==> flow/design.v <==
module add_unit_v2 #(
  parameter DATA_WIDTH = 60,
  parameter SLICE = 6
) (
  input wire clock,
  input wire rstn,
  input wire step,
  input wire [DATA_WIDTH-1:0] first,
  input wire [DATA_WIDTH-1:0] second,
  input wire cin,
  output wire [DATA_WIDTH-1:0] out,
  output wire cy
);
  reg [DATA_WIDTH-1:0] first_r;
  reg [DATA_WIDTH-1:0] second_r;
  reg cin_r;
  localparam NG = DATA_WIDTH / SLICE;
  wire [DATA_WIDTH-1:0] nxt;
  wire [NG:0] c;
  assign c[0] = cin_r;
  genvar i;
  generate
    for (i = 0; i < NG; i = i + 1) begin : row
      wire [SLICE:0] s0 = first_r[i*SLICE +: SLICE] + second_r[i*SLICE +: SLICE];
      wire [SLICE:0] s1 = first_r[i*SLICE +: SLICE] + second_r[i*SLICE +: SLICE] + 1'b1;
      assign {c[i+1], nxt[i*SLICE +: SLICE]} = c[i] ? s1 : s0;
    end
  endgenerate
  assign out = nxt;
  assign cy = c[NG];
  always @(posedge clock or negedge rstn) begin
    if (!rstn) begin
      first_r <= 0;
      second_r <= 0;
      cin_r <= 1'b0;
    end else if (step) begin
      first_r <= first;
      second_r <= second;
      cin_r <= cin;
    end
  end
endmodule
Step by step through the tools: add_unit_v2
The steps from the RTL of add_unit_v2 to its reports follow in flow order. Line numbers count from 1 in the design file above. Operators carry their Yosys type and port widths (W data, S select, Z words). Library cell names are shortened. A cell with - has no value.

Design top: add_unit_v2. Clock input: clock. Library: sky130hd. Timing corner: tt_025C_1v80.

Word level
Yosys after proc, flatten, opt, wreduce and memory -nomap, before mapping. Enables and synchronous resets that opt folds into registers are not counted as muxes. Memory bits, and registers merged into a memory's read port (data or address), are not among the register bits. Print and check cells are not counted. Equal cells are merged and count once.

The figure for register bits is 121. The entry for bits in latches reads 0. Under RAM bits stands 0. For bits in read-only memories the number is 0. Clocked read ports x word width: 0. The figure for memories kept is 0. Input bits: 124. For output and inout port bits the number is 61. The entry for cells after elaboration reads 33.

For add/subtract/negate cells the number is 20. Multiply operators: 0. For divide/modulo/power cells the number is 0. Magnitude comparators: 0. For equal/unequal tests the number is 0. For shift-type cells the number is 0. The entry for multiplexer cells reads 10. The entry for bitwise logic cells reads 0. For reduce/logical cells the number is 0.

Operators with widths (number): $add A6 B6 Y7 (10); $add A7 B1 Y7 const B (10); $mux W7 (10).

Longest topological paths
Depth = most cells in a row (Yosys ltp): at word level without a register or memory, in the mapped netlist without a sequential cell, where the memories' decode and read muxes count.

Word-level depth: 12. The entry for ABC_AREA reads 0. Under gate-level depth with buffers stands 19. Depth with buffers taken out: 18.

After synthesis
Source: synth_stat.txt of the flow (Yosys; design flattened, memories mapped). It holds for the ABC_AREA given above (unset counts as 0); a run with the other value may have another netlist. Totals and module areas in this step are rounded.

Cell types: dfrtp_1 (number 121, area in all 3.03E+03 um^2); mux2_2 (number 123, area in all 1.39E+03 um^2); ha_1 (number 70, area in all 875.84 um^2); xnor2_1 (number 61, area in all 534.262 um^2); xor2_1 (number 29, area in all 253.994 um^2); fa_1 (number 10, area in all 200.192 um^2); a21oi_1 (number 35, area in all 175.168 um^2); nand2_1 (number 37, area in all 138.883 um^2); a21o_1 (number 18, area in all 135.13 um^2); nor2_1 (number 32, area in all 120.115 um^2); inv_1 (number 30, area in all 112.608 um^2); o21bai_1 (number 15, area in all 112.608 um^2); nand4_1 (number 13, area in all 81.328 um^2); nand3_1 (number 14, area in all 70.067 um^2); o21ai_0 (number 12, area in all 60.058 um^2); clkbuf_1 (number 15, area in all 56.304 um^2); a211oi_2 (number 4, area in all 50.048 um^2); mux2i_1 (number 5, area in all 50.048 um^2).

Not listed: further types 37, cells in them 68.

The figure for cell count is 712. The entry for mapped area reads 8070 um^2. Sequential part of the area: 3030 um^2. Flip-flop cells: 121. The entry for buffer cells reads 16.

Worst setup path after synthesis
Source: OpenSTA report_checks on the synthesized netlist (no wires, ideal clock, input and output delay 20% of the period each), path of least setup slack; recovery checks are left aside. Register names are those of the netlist, which keeps one name where synthesis merged equal registers.

Path kind: register to output. Start: register first_r[0]. End: output port out[55]. For clock period the number is 7.67 ns. The entry for external output delay reads 1.534 ns. Time at the first pin: 0.000 ns. For data arrival time the number is 4.911 ns. The figure for data required time is 6.136 ns. The figure for slack is 1.225 ns. The figure for path delay is 4.911 ns. Stages on the path: 19. The entry for path buffers reads 1. Synthesis period reached: 6.445 ns.

"path delay" = arrival - input delay + setup time. A path that ends at an output port has no setup time. "stages on the path": output pins that drive a net of the path, with the launching flip-flop's if there is one; two outputs of one cell count as two. "synthesis period reached" = period - worst setup slack (recovery checks aside). The figure is calculated, with input and output delays left at 20% of the set period. The rows between start and end are the longest chain of elaborated cells between them; the timing report does not say that the signal goes this way. Where chains are equally long, one stands for them. Each line given opens the expression or statement behind the cell; cells for indexed reads and writes are added by Yosys, which also makes memories of some case tables.

Cell sequence: dfrtp_1 ha_1 fa_1 ha_1 nand2_1 nor4b_2 nand4_1 and2_1 a2111oi_1 o221a_2 buf_6 a31o_2 and3_4 mux2_4 mux2i_4 mux2i_2 mux2i_4 xnor2_2 mux2_4. Under cells in the longest elaborated chain stands 12. The entry for elaborated cells between the ends (all ways) reads 12. Classes of those cells: 2 x add/sub; 10 x mux.

RTL lines, path post-synthesis: start, declared (line 14) `reg [DATA_WIDTH-1:0] first_r;`; start, assigned (line 33) `first_r <= 0;`; start, assigned (line 37) `first_r <= first;`; $add A6 B6 Y7 (line 25) `wire [SLICE:0] s1 = first_r[i*SLICE +: SLICE] + second_r[i*SLICE +: SLICE] + 1'b1;`; $add A7 B1 Y7 (line 25); $mux W7 (10 in a row) (line 26) `assign {c[i+1], nxt[i*SLICE +: SLICE]} = c[i] ? s1 : s0;`; end, declared (line 11) `output wire [DATA_WIDTH-1:0] out,`.

Timing after layout
From the final timing report of run 1: the path of least setup slack in the routed layout; clock arrival at registers is part of the times.

Path kind: register to output. Start: register first_r[6]. End: output port out[55]. For clock period the number is 8.19 ns. The entry for external output delay reads 1.64 ns. Time at the first pin: 0.41 ns. For data arrival time the number is 6.21 ns. The figure for data required time is 6.55 ns. The figure for slack is 0.34 ns. Stages on the path: 20. The entry for path buffers reads 2.

The rows between start and end are the longest chain of elaborated cells between them; the timing report does not say that the signal goes this way. Where chains are equally long, one stands for them.

Cell sequence: dfrtp_1 ha_1 fa_1 a211oi_2 o21ai_0 nor4_1 nand2_1 a311o_1 a2111oi_1 o221a_2 a31o_2 and3_4 mux2_4 mux2i_4 mux2i_2 mux2i_4 buf_12 xnor2_2 mux2_4 clkdlybuf4s50_1. Under cells in the longest elaborated chain stands 11. The entry for elaborated cells between the ends (all ways) reads 11. Classes of those cells: 2 x add/sub; 9 x mux.

RTL lines, path after layout: start, declared (line 14) `reg [DATA_WIDTH-1:0] first_r;`; start, assigned (line 33) `first_r <= 0;`; start, assigned (line 37) `first_r <= first;`; $add A6 B6 Y7 (line 25) `wire [SLICE:0] s1 = first_r[i*SLICE +: SLICE] + second_r[i*SLICE +: SLICE] + 1'b1;`; $add A7 B1 Y7 (line 25); $mux W7 (9 in a row) (line 26) `assign {c[i+1], nxt[i*SLICE +: SLICE]} = c[i] ? s1 : s0;`; end, declared (line 11) `output wire [DATA_WIDTH-1:0] out,`.

Wiki page: add_unit_v2 / flow data

Design add_unit_v2 on sky130hd. What follows are 3 stored runs of the flow, each under its own settings; their order means nothing. The constraints put input and output delay at 20% of the set period each and load the outputs with 0.01 pF. By "period achieved" is meant the clock period of the run minus its worst setup slack. This is arithmetic on one report: input and output delays are still those of the set period (20% each). "allowed time less slack (worst setup path)" = time allowed to the worst setup path (clock period - input delay - output delay, where it has them) - its slack; a late launch clock adds to it, a late capture clock takes from it. By "power" is meant OpenSTA's value without simulated activity: inputs other than the clock are taken to toggle once in ten clock periods, and the tool carries that through the logic. Results are given in rounded form.

Files of run 1:
==> flow/run.sh <==
#!/bin/bash
# the make line also repeats the synthesis and layout settings of config.mk as NAME=value (left out here)
make -C /OpenROAD-flow-scripts/flow DESIGN_CONFIG=/design/flow/config.mk WORK_HOME=/design/flow/orfs CLKGATE_MAP_FILE= finish
==> flow/config.mk <==
export PLATFORM = sky130hd
export DESIGN_NAME = add_unit_v2
export DESIGN_NICKNAME = add_unit_v2
export VERILOG_FILES = /design/flow/design.v
export SDC_FILE = /design/flow/constraint.sdc
export NUM_CORES = 4
export LEC_CHECK = 0
export CAP_MARGIN = 20
export CORE_ASPECT_RATIO = 0.98
export CORE_MARGIN = 2
export CORE_UTILIZATION = 49
export PLACE_DENSITY = 0.39
export SLEW_MARGIN = 20
export TNS_END_PERCENT = 65
==> flow/constraint.sdc <==
create_clock -name core_clock -period 8.19 [get_ports {clock}]
set_input_delay 1.6380 -clock core_clock [delete_from_list [all_inputs] [get_ports {clock}]]
set_output_delay 1.6380 -clock core_clock [all_outputs]
set_load 0.01 [all_outputs]

Results of run 1. The measured summed negative setup slack is 0.000 ns. The worst-case hold slack stands at 0.509 ns. The full die area stands at 17,500 um^2. The period achieved is 7.849 ns. The measured worst slack on setup checks is 0.341 ns. The area of the synthesized netlist is 8,070 um^2. For the standard-cell area after layout the run shows 10,800 um^2. The allowed time less slack (worst setup path) stands at 6.21 ns. Critical path type: register to output. The power stands at 2,680 µW.

Files of run 2:
==> flow/run.sh <==
#!/bin/bash
# the make line also repeats the synthesis and layout settings of config.mk as NAME=value (left out here)
make -C /OpenROAD-flow-scripts/flow DESIGN_CONFIG=/design/flow/config.mk WORK_HOME=/design/flow/orfs CLKGATE_MAP_FILE= finish
==> flow/config.mk <==
export PLATFORM = sky130hd
export DESIGN_NAME = add_unit_v2
export DESIGN_NICKNAME = add_unit_v2
export VERILOG_FILES = /design/flow/design.v
export SDC_FILE = /design/flow/constraint.sdc
export NUM_CORES = 4
export LEC_CHECK = 0
export CAP_MARGIN = 15
export CELL_PAD_IN_SITES_DETAIL_PLACEMENT = 1
export CELL_PAD_IN_SITES_GLOBAL_PLACEMENT = 3
export CORE_MARGIN = 9
export CORE_UTILIZATION = 69
export CTS_CLUSTER_SIZE = 43
export MAX_ROUTING_LAYER = met5
export SLEW_MARGIN = 35
export TNS_END_PERCENT = 65
==> flow/constraint.sdc <==
create_clock -name core_clock -period 4.08 [get_ports {clock}]
set_input_delay 0.8160 -clock core_clock [delete_from_list [all_inputs] [get_ports {clock}]]
set_output_delay 0.8160 -clock core_clock [all_outputs]
set_load 0.01 [all_outputs]

Outcome of run 2: no results, placement failed with GPL-0301.

Files of run 3:
==> flow/run.sh <==
#!/bin/bash
# the make line also repeats the synthesis and layout settings of config.mk as NAME=value (left out here)
make -C /OpenROAD-flow-scripts/flow DESIGN_CONFIG=/design/flow/config.mk WORK_HOME=/design/flow/orfs CLKGATE_MAP_FILE= finish
==> flow/config.mk <==
export PLATFORM = sky130hd
export DESIGN_NAME = add_unit_v2
export DESIGN_NICKNAME = add_unit_v2
export VERILOG_FILES = /design/flow/design.v
export SDC_FILE = /design/flow/constraint.sdc
export NUM_CORES = 4
export LEC_CHECK = 0
export CAP_MARGIN = 20
export CORE_MARGIN = 2
export CORE_UTILIZATION = 40
export SLEW_MARGIN = 20
==> flow/constraint.sdc <==
create_clock -name core_clock -period 7.67 [get_ports {clock}]
set_input_delay 1.5340 -clock core_clock [delete_from_list [all_inputs] [get_ports {clock}]]
set_output_delay 1.5340 -clock core_clock [all_outputs]
set_load 0.01 [all_outputs]

Results of run 3. The measured summed negative setup slack is 0.000 ns. The worst-case hold slack stands at 0.510 ns. The full die area stands at 21,300 um^2. The period achieved is 7.492 ns. The measured worst slack on setup checks is 0.178 ns. The area of the synthesized netlist is 8,070 um^2. For the standard-cell area after layout the run shows 11,000 um^2. The allowed time less slack (worst setup path) stands at 5.96 ns. Critical path type: register to output. The power stands at 2,860 µW.
